==> flow/design.v <==
module cpu_mul_core #(
    parameter integer DW = 12
) (
    input logic ck,
    input logic rst_n,
    input logic adv,
    input logic [DW-1:0] opa,
    input logic [DW-1:0] opb,
    output logic [2*DW-1:0] q
);
    always_ff @(posedge ck or negedge rst_n) begin
        if (~rst_n) begin
            q <= 0;
        end else if (adv) begin
            q <= opa * opb;
        end
    end
endmodule
# From RTL to reports: cpu_mul_core
# Tool output for the design above, in the order of the flow.
# Line numbers count from 1 in the design file above.
# Library cell names are shortened.
# A cell with n/a has no value.
# setup
top_module	cpu_mul_core
clk_port	ck
lib	sky130hd
pvt_corner	tt_025C_1v80

# After elaboration
# Counts by Yosys on the flattened word-level netlist (proc, flatten, opt, wreduce; memories kept). Register bits leave out memories and registers merged into their read ports (data or address); mux counts leave out enables and synchronous resets folded into registers. Print and check cells are left out. Cells with the same type and inputs are merged into one.
# word_totals
reg_bits	24
# classes
multipliers	1
# ops
op	n
12-bit by 12-bit multiplier with 24-bit output	1

# Depth
# Depth = most cells in a row (Yosys ltp): at word level without a register or memory, in the mapped netlist without a sequential cell, where the memories' decode and read muxes count.
# logic_depth
ltp_word	1
ABC_AREA	0
mapped_depth	19
depth_no_buf	18

# Synthesis result
# The flow's flattened synthesis, as Yosys stat reports it; memories are mapped. The netlist is that of the ABC_AREA named above (0 if unset); the other value can give another one.
# Totals and module areas in this step are rounded.
# types
type	n	area_total_um2
fa_1	100	2001.92
ha_1	62	775.744
dfrtp_1	24	600.576
inv_1	140	525.504
nand2_1	110	412.896
and2_1	55	344.08
mux2_2	11	123.869
clkbuf_1	28	105.101
a21o_1	9	67.565
o21ai_0	11	55.053
xnor2_1	6	52.55
a21oi_1	10	50.048
nor2_1	11	41.29
a211oi_1	5	37.536
o21a_1	5	37.536
a211o_1	4	35.034
nand3_1	7	35.034
o2111ai_4	1	26.275
# Other cell types: 32; their cells: 46.
# mapped
ffs	24
sequential_area_um2	600
mapped_cells	645
mapped_area_um2	5700

# Timing after synthesis
# Source: OpenSTA report_checks on the synthesized netlist (no wires, ideal clock, input and output delay 20% of the period each), path of least setup slack; recovery checks are left aside. Register names are those of the netlist, which keeps one name where synthesis merged equal registers.
# synth_timing
path_type	input-to-reg
startpoint	input port opb[3]
endpoint	register q[18]
clock_period_ps	7420
t_first_pin_ps	1484
path_slack_ps	1185
delay_ps	4752
t_arrival_ps	6116
required_time_ps	7300
driving_pins	19
n_path_buf	1
period_less_setup_slack_ps	6235
# "delay_ps" is the arrival time less input delay plus setup time.
# "driving_pins": output pins that drive a net of the path, with the launching flip-flop's if there is one; two outputs of one cell count as two.
# "period_less_setup_slack_ps" is the clock period less the worst setup slack; recovery checks do not enter. This is arithmetic on one report: input and output delays are still those of the set period (20% each).
# The rows between start and end are the longest chain of elaborated cells between them; the timing report does not say that the signal goes this way. Where chains are equally long, one stands for them.
# Each line given opens the expression or statement behind the cell; cells for indexed reads and writes are added by Yosys, which also makes memories of some case tables.
# synth_via
path_cell_list	clkbuf_1 -> nand2_1 -> fa_1 -> inv_1 -> fa_1 -> inv_1 -> fa_1 -> inv_1 -> fa_1 -> inv_1 -> fa_1 -> inv_1 -> ha_1 -> nor3_1 -> nor2_1 -> o21a_1 -> and4_4 -> or4_1 -> a31o_1
elab_chain_len	1
cells_between	1
# synth_lines
element	line	text
start: declaration	8	input logic [DW-1:0] opb,
12-bit by 12-bit multiplier with 24-bit output	15	q <= opa * opb;
end: assignment	13	q <= 0;
end: assignment	15
end: declaration	9	output logic [2*DW-1:0] q

# Timing after layout
# Path of least setup slack in the final report of job 1 (OpenROAD, finished layout, wires in). Where an end is a register, its clock arrival counts in the times.
# The report prints the path's times to 10 ps; the period is as set.
# layout_timing
path_type	input-to-reg
startpoint	input port opb[3]
endpoint	register q[18]
n_path_buf	1
driving_pins	19
path_slack_ps	650
clock_period_ps	7420
t_arrival_ps	6920
required_time_ps	7560
t_first_pin_ps	1480
# The rows between start and end are the longest chain of elaborated cells between them; the timing report does not say that the signal goes this way. Where chains are equally long, one stands for them.
# layout_via
path_cell_list	clkdlybuf4s50_1 -> nand2_1 -> fa_1 -> inv_1 -> fa_1 -> inv_1 -> fa_1 -> inv_1 -> fa_1 -> inv_1 -> fa_1 -> inv_1 -> ha_1 -> nor3_1 -> nor2_1 -> o21a_1 -> and4_4 -> or4_1 -> a31o_1
elab_chain_len	1
cells_between	1
# layout_lines
element	line	text
start: declaration	8	input logic [DW-1:0] opb,
12-bit by 12-bit multiplier with 24-bit output	15	q <= opa * opb;
end: assignment	13	q <= 0;
end: assignment	15
end: declaration	9	output logic [2*DW-1:0] q

# Measured results for cpu_mul_core: 3 stored runs of the Yosys and OpenROAD flow on sky130hd. The settings differ; the order carries no meaning. The constraints put input and output delay at 20% of the set period each and load the outputs with 0.01 pF.
# "period_less_ws_ps": clock period set for the run, less the worst setup slack. It is reckoned from that one timing run; input and output delays stay at 20% of the period that was set.
# "worst_setup_path_time_ps": the worst setup path's part of the clock period (all of it between registers, 20% less for each end at a port) less its slack. A launch clock that arrives late makes it longer, a capture clock that arrives late makes it shorter.
# "power.total_uw": no workload was simulated; the value follows from the tool's default switching activity.
# "worst_setup_path_time_ps" is given in steps of 10 ps.
# The measured numbers are rounded.
# Settings: . = not set for that run.
name,job 1,job 2,job 3
period_ns,7.42,8.62,8.41
CAP_MARGIN,20,20,20
CORE_MARGIN,2,2,2
CORE_UTILIZATION,40,49,23
SLEW_MARGIN,20,20,20
SETUP_SLACK_MARGIN,.,0.78,-0.74
PLACE_DENSITY_LB_ADDON,.,0.04,0.14
CELL_PAD_IN_SITES_GLOBAL_PLACEMENT,.,1,3
CELL_PAD_IN_SITES_DETAIL_PLACEMENT,.,0,2
GPL_TIMING_DRIVEN,.,1,0
HOLD_SLACK_MARGIN,.,.,-0.04
ABC_AREA,.,.,0
CTS_CLUSTER_SIZE,.,.,87
post_route_util_frac,0.47,0.56,0.28
tns_setup_ps,0,0,0
power.total_uw,2500,2200,2300
yosys_chip_area_um2,5700,5700,5700
finalCellArea_um2,6500,6400,6700
period_less_ws_ps,6773,7129,7404
die_area_um2,15000,13000,26000
worst_setup_path_time_ps,5290,5410,5720
worst_path_kind,input-to-reg,input-to-reg,input-to-reg
holdWs_ps,500,490,500
timing.setup.ws_ps,650,1500,1000
